==> flow/design.v <==
module dp_mpy_rtl #(
   parameter DW = 9
) (
   input logic sys_clk,
   input logic i_rst_n,
   input logic step,
   input logic [DW-1:0] opa,
   input logic [DW-1:0] opb,
   input logic [2*DW-1:0] opc,
   output logic [2*DW:0] p
);
   logic [DW-1:0] opa_d1;
   logic [DW-1:0] opb_d1;
   logic [2*DW-1:0] opc_d1;
   logic [2*DW-1:0] t_d1;
   logic [2*DW-1:0] opc_d1_d;
   logic [2*DW:0] p_d1;
   always_ff @(posedge sys_clk) begin
      if (!i_rst_n) begin
         opa_d1 <= 0;
         opb_d1 <= 0;
         opc_d1 <= 0;
         t_d1 <= 0;
         opc_d1_d <= 0;
         p_d1 <= 0;
      end else if (step) begin
         opa_d1 <= opa;
         opb_d1 <= opb;
         opc_d1 <= opc;
         t_d1 <= opa_d1 * opb_d1;
         opc_d1_d <= opc_d1;
         p_d1 <= t_d1 + opc_d1_d;
      end
   end
   assign p = p_d1;
endmodule
### Reports on dp_mpy_rtl

What the tools print for dp_mpy_rtl, step after step.
Line numbers count from 1 in the design file above.
Operators: Yosys type, input widths -> output width; for muxes data width and select width s.
A cell with - has no value.

* top: dp_mpy_rtl
* clock: sys_clk
* cell library: sky130hd
* library corner: tt_025C_1v80

### After elaboration

Counts by Yosys on the flattened word-level netlist (proc, flatten, opt, wreduce; memories kept). Register bits leave out memories and registers merged into their read ports (data or address); mux counts leave out enables and synchronous resets folded into registers. Print and check cells are left out. Cells with the same type and inputs are merged into one.

* flip-flop bits (word level): 91
* bits of input ports: 39
* output and inout port bits: 19
* elaborated cells: 8

* add/sub/neg operators: 1
* multiply operators: 1

Operators with widths (count)
* $mul 9x9->18: 1
* $add 18x18->19: 1

### Logic depth

Depth = most cells in a row (Yosys ltp): at word level without a register or memory, in the mapped netlist without a sequential cell, where the memories' decode and read muxes count.

* depth in word-level cells: 1
* ABC_AREA: 0
* mapped depth: 18
* mapped depth without buffers: 17

### After synthesis

Source: synth_stat.txt of the flow (Yosys; design flattened, memories mapped). It holds for the ABC_AREA given above (unset counts as 0); a run with the other value may have another netlist.

* cells in the netlist: 742
* cell area after synthesis: 6612.6 um2
* sequential area: 1821.7 um2
* mapped flip-flops: 91
* buffers: 36

Cell types
* sky130_fd_sc_hd__dfxtp_1: count 91, area in all 1.82E+03 um2
* sky130_fd_sc_hd__fa_1: count 51, area in all 1.02E+03 um2
* sky130_fd_sc_hd__ha_1: count 56, area in all 700.672 um2
* sky130_fd_sc_hd__mux2i_1: count 64, area in all 640.614 um2
* sky130_fd_sc_hd__nor2_1: count 89, area in all 334.07 um2
* sky130_fd_sc_hd__and2_1: count 47, area in all 294.032 um2
* sky130_fd_sc_hd__inv_1: count 73, area in all 274.013 um2
* sky130_fd_sc_hd__nand2_1: count 65, area in all 243.984 um2
* sky130_fd_sc_hd__a21oi_1: count 32, area in all 160.154 um2
* sky130_fd_sc_hd__o21ai_0: count 23, area in all 115.11 um2
* sky130_fd_sc_hd__clkbuf_1: count 24, area in all 90.086 um2
* sky130_fd_sc_hd__xnor2_1: count 7, area in all 61.309 um2
* sky130_fd_sc_hd__o21a_1: count 8, area in all 60.058 um2
* sky130_fd_sc_hd__a21o_1: count 7, area in all 52.55 um2
* sky130_fd_sc_hd__xor2_1: count 6, area in all 52.55 um2
* sky130_fd_sc_hd__a32o_1: count 5, area in all 50.048 um2
* sky130_fd_sc_hd__nand3_1: count 10, area in all 50.048 um2
* sky130_fd_sc_hd__a211oi_1: count 6, area in all 45.043 um2

Not listed: further types 34, cells in them 78.

### Worst setup path after synthesis

Path of least setup slack by OpenSTA after synthesis, without wires, with an ideal clock, recovery checks aside; 20% of the period is set as input and as output delay. Where synthesis merged equal registers, the netlist keeps one of their names.

* kind: reg2reg
* from: register opa_d1[0]
* to: register t_d1[15]
* period: 5.39 ns
* library setup time: 0.117 ns
* launch time at the first pin: 0.000 ns
* data arrival time: 4.199 ns
* data required time: 5.273 ns
* path slack: 1.074 ns
* delay of the path: 4.316 ns
* stages: 17
* buffers on the path: 1
* synthesis period reached: 4.316 ns

"delay of the path" = arrival - input delay + setup time.
"stages" counts driving pins, that of a launching flip-flop among them; a cell with two outputs on the path counts twice.
"synthesis period reached" is the clock period less the worst setup slack; recovery checks do not enter. This is arithmetic on one report: input and output delays are still those of the set period (20% each).
Between the ends stands the longest chain of elaborated cells between them, by number of cells; it is not shown to be the way that was timed. Of several equally long chains one is given.
Each line given opens the expression or statement behind the cell; cells for indexed reads and writes are added by Yosys, which also makes memories of some case tables.

* cells stage by stage: sky130_fd_sc_hd__dfxtp_1 -> sky130_fd_sc_hd__clkbuf_1 -> sky130_fd_sc_hd__nand2_1 -> sky130_fd_sc_hd__fa_1 -> sky130_fd_sc_hd__fa_1 -> sky130_fd_sc_hd__inv_1 -> sky130_fd_sc_hd__fa_1 -> sky130_fd_sc_hd__inv_1 -> sky130_fd_sc_hd__fa_1 -> sky130_fd_sc_hd__inv_1 -> sky130_fd_sc_hd__ha_1 -> sky130_fd_sc_hd__nand4_1 -> sky130_fd_sc_hd__nand3_1 -> sky130_fd_sc_hd__o211ai_1 -> sky130_fd_sc_hd__a21oi_1 -> sky130_fd_sc_hd__or3_1 -> sky130_fd_sc_hd__a32o_1
* cells in the longest elaborated chain: 1
* elaborated cells between the ends (all ways): 1
* source lines of those cells: 1
* classes of those cells: 1 x mul

RTL lines, path after synthesis
* from (decl): line 12 `logic [DW-1:0] opa_d1;`
* from (assign): line 20 `opa_d1 <= 0;`
* from (assign): line 27 `opa_d1 <= opa;`
* $mul 9x9->18: line 30 `t_d1 <= opa_d1 * opb_d1;`
* to (assign): line 23 `t_d1 <= 0;`
* to (assign): line 30
* to (decl): line 15 `logic [2*DW-1:0] t_d1;`

### Timing after layout

From the final timing report of run A: the path of least setup slack in the routed layout; clock arrival at registers is part of the times.

* kind: reg2reg
* from: register opb_d1[6]
* to: register t_d1[15]
* period: 5.39 ns
* library setup time: 0.10 ns
* launch time at the first pin: 0.36 ns
* data arrival time: 4.87 ns
* data required time: 5.64 ns
* path slack: 0.77 ns
* stages: 16
* buffers on the path: 0

Between the ends stands the longest chain of elaborated cells between them, by number of cells; it is not shown to be the way that was timed. Of several equally long chains one is given.

* cells stage by stage: sky130_fd_sc_hd__dfxtp_1 -> sky130_fd_sc_hd__nand2_1 -> sky130_fd_sc_hd__fa_1 -> sky130_fd_sc_hd__fa_1 -> sky130_fd_sc_hd__inv_1 -> sky130_fd_sc_hd__fa_1 -> sky130_fd_sc_hd__inv_1 -> sky130_fd_sc_hd__fa_1 -> sky130_fd_sc_hd__inv_1 -> sky130_fd_sc_hd__ha_1 -> sky130_fd_sc_hd__nand4_1 -> sky130_fd_sc_hd__nand3_1 -> sky130_fd_sc_hd__o211ai_1 -> sky130_fd_sc_hd__a21oi_1 -> sky130_fd_sc_hd__or3_1 -> sky130_fd_sc_hd__a32o_1
* cells in the longest elaborated chain: 1
* elaborated cells between the ends (all ways): 1
* source lines of those cells: 1
* classes of those cells: 1 x mul

RTL lines, path post-layout
* from (decl): line 13 `logic [DW-1:0] opb_d1;`
* from (assign): line 21 `opb_d1 <= 0;`
* from (assign): line 28 `opb_d1 <= opb;`
* $mul 9x9->18: line 30 `t_d1 <= opa_d1 * opb_d1;`
* to (assign): line 23 `t_d1 <= 0;`
* to (assign): line 30
* to (decl): line 15 `logic [2*DW-1:0] t_d1;`

--- measured runs ---
Record of 3 stored runs of the RTL-to-layout flow on dp_mpy_rtl, platform sky130hd. The runs are unordered. Constraints: input delay and output delay 20% of the set period each, output load 0.01 pF.
"total power of the final layout" is the tool's figure for a default switching activity; nothing was simulated.

### Run A

==> flow/run.sh <==
#!/bin/bash
# the make line also repeats the synthesis and layout settings of config.mk as NAME=value (left out here)
make -C /OpenROAD-flow-scripts/flow DESIGN_CONFIG=/design/flow/config.mk WORK_HOME=/design/flow/orfs CLKGATE_MAP_FILE= finish
==> flow/config.mk <==
export PLATFORM = sky130hd
export DESIGN_NAME = dp_mpy_rtl
export DESIGN_NICKNAME = dp_mpy_rtl
export VERILOG_FILES = /design/flow/design.v
export SDC_FILE = /design/flow/constraint.sdc
export NUM_CORES = 4
export LEC_CHECK = 0
export CAP_MARGIN = 20
export CORE_MARGIN = 2
export CORE_UTILIZATION = 40
export SLEW_MARGIN = 20
==> flow/constraint.sdc <==
create_clock -name core_clock -period 5.39 [get_ports {sys_clk}]
set_input_delay 1.0780 -clock core_clock [delete_from_list [all_inputs] [get_ports {sys_clk}]]
set_output_delay 1.0780 -clock core_clock [all_outputs]
set_load 0.01 [all_outputs]

Results of run A:
- Die outline area: 17,576.1 um2
- Chip area in the Yosys report: 6,612.6 um2
- Std-cell area (final layout): 7,629.8 um2
- Summed negative setup slack: 0.000 ns
- Utilization in the final report: 46.7%
- Total power of the final layout: 1.631 mW
- Setup slack of the worst path: 0.770 ns

### Run B

==> flow/run.sh <==
#!/bin/bash
# the make line also repeats the synthesis and layout settings of config.mk as NAME=value (left out here)
make -C /OpenROAD-flow-scripts/flow DESIGN_CONFIG=/design/flow/config.mk WORK_HOME=/design/flow/orfs CLKGATE_MAP_FILE= finish
==> flow/config.mk <==
export PLATFORM = sky130hd
export DESIGN_NAME = dp_mpy_rtl
export DESIGN_NICKNAME = dp_mpy_rtl
export VERILOG_FILES = /design/flow/design.v
export SDC_FILE = /design/flow/constraint.sdc
export NUM_CORES = 4
export LEC_CHECK = 0
export CAP_MARGIN = 20
export CELL_PAD_IN_SITES_DETAIL_PLACEMENT = 0
export CORE_MARGIN = 2
export CORE_UTILIZATION = 69
export CTS_CLUSTER_DIAMETER = 89
export PLACE_DENSITY = 0.82
export SLEW_MARGIN = 20
export TNS_END_PERCENT = 95
==> flow/constraint.sdc <==
create_clock -name core_clock -period 8.49 [get_ports {sys_clk}]
set_input_delay 1.6980 -clock core_clock [delete_from_list [all_inputs] [get_ports {sys_clk}]]
set_output_delay 1.6980 -clock core_clock [all_outputs]
set_load 0.01 [all_outputs]

Results of run B:
- Die outline area: 10,382.6 um2
- Chip area in the Yosys report: 6,612.6 um2
- Std-cell area (final layout): 7,413.4 um2
- Summed negative setup slack: 0.000 ns
- Utilization in the final report: 79.9%
- Total power of the final layout: 0.9296 mW
- Setup slack of the worst path: 3.794 ns

### Run C

==> flow/run.sh <==
#!/bin/bash
# the make line also repeats the synthesis and layout settings of config.mk as NAME=value (left out here)
make -C /OpenROAD-flow-scripts/flow DESIGN_CONFIG=/design/flow/config.mk WORK_HOME=/design/flow/orfs CLKGATE_MAP_FILE= finish
==> flow/config.mk <==
export PLATFORM = sky130hd
export DESIGN_NAME = dp_mpy_rtl
export DESIGN_NICKNAME = dp_mpy_rtl
export VERILOG_FILES = /design/flow/design.v
export SDC_FILE = /design/flow/constraint.sdc
export NUM_CORES = 4
export LEC_CHECK = 0
export CAP_MARGIN = 20
export CELL_PAD_IN_SITES_DETAIL_PLACEMENT = 0
export CORE_MARGIN = 2
export CORE_UTILIZATION = 56
export CTS_CLUSTER_DIAMETER = 115
export CTS_CLUSTER_SIZE = 33
export GPL_ROUTABILITY_DRIVEN = 1
export PLACE_DENSITY = 0.93
export SETUP_SLACK_MARGIN = 1.43
export SLEW_MARGIN = 20
==> flow/constraint.sdc <==
create_clock -name core_clock -period 5.21 [get_ports {sys_clk}]
set_input_delay 1.0420 -clock core_clock [delete_from_list [all_inputs] [get_ports {sys_clk}]]
set_output_delay 1.0420 -clock core_clock [all_outputs]
set_load 0.01 [all_outputs]

Results of run C:
- Die outline area: 12,693.4 um2
- Chip area in the Yosys report: 6,612.6 um2
- Std-cell area (final layout): 7,948.9 um2
- Summed negative setup slack: 0.000 ns
- Utilization in the final report: 69.3%
- Total power of the final layout: 1.721 mW
- Setup slack of the worst path: 0.887 ns
--- end ---
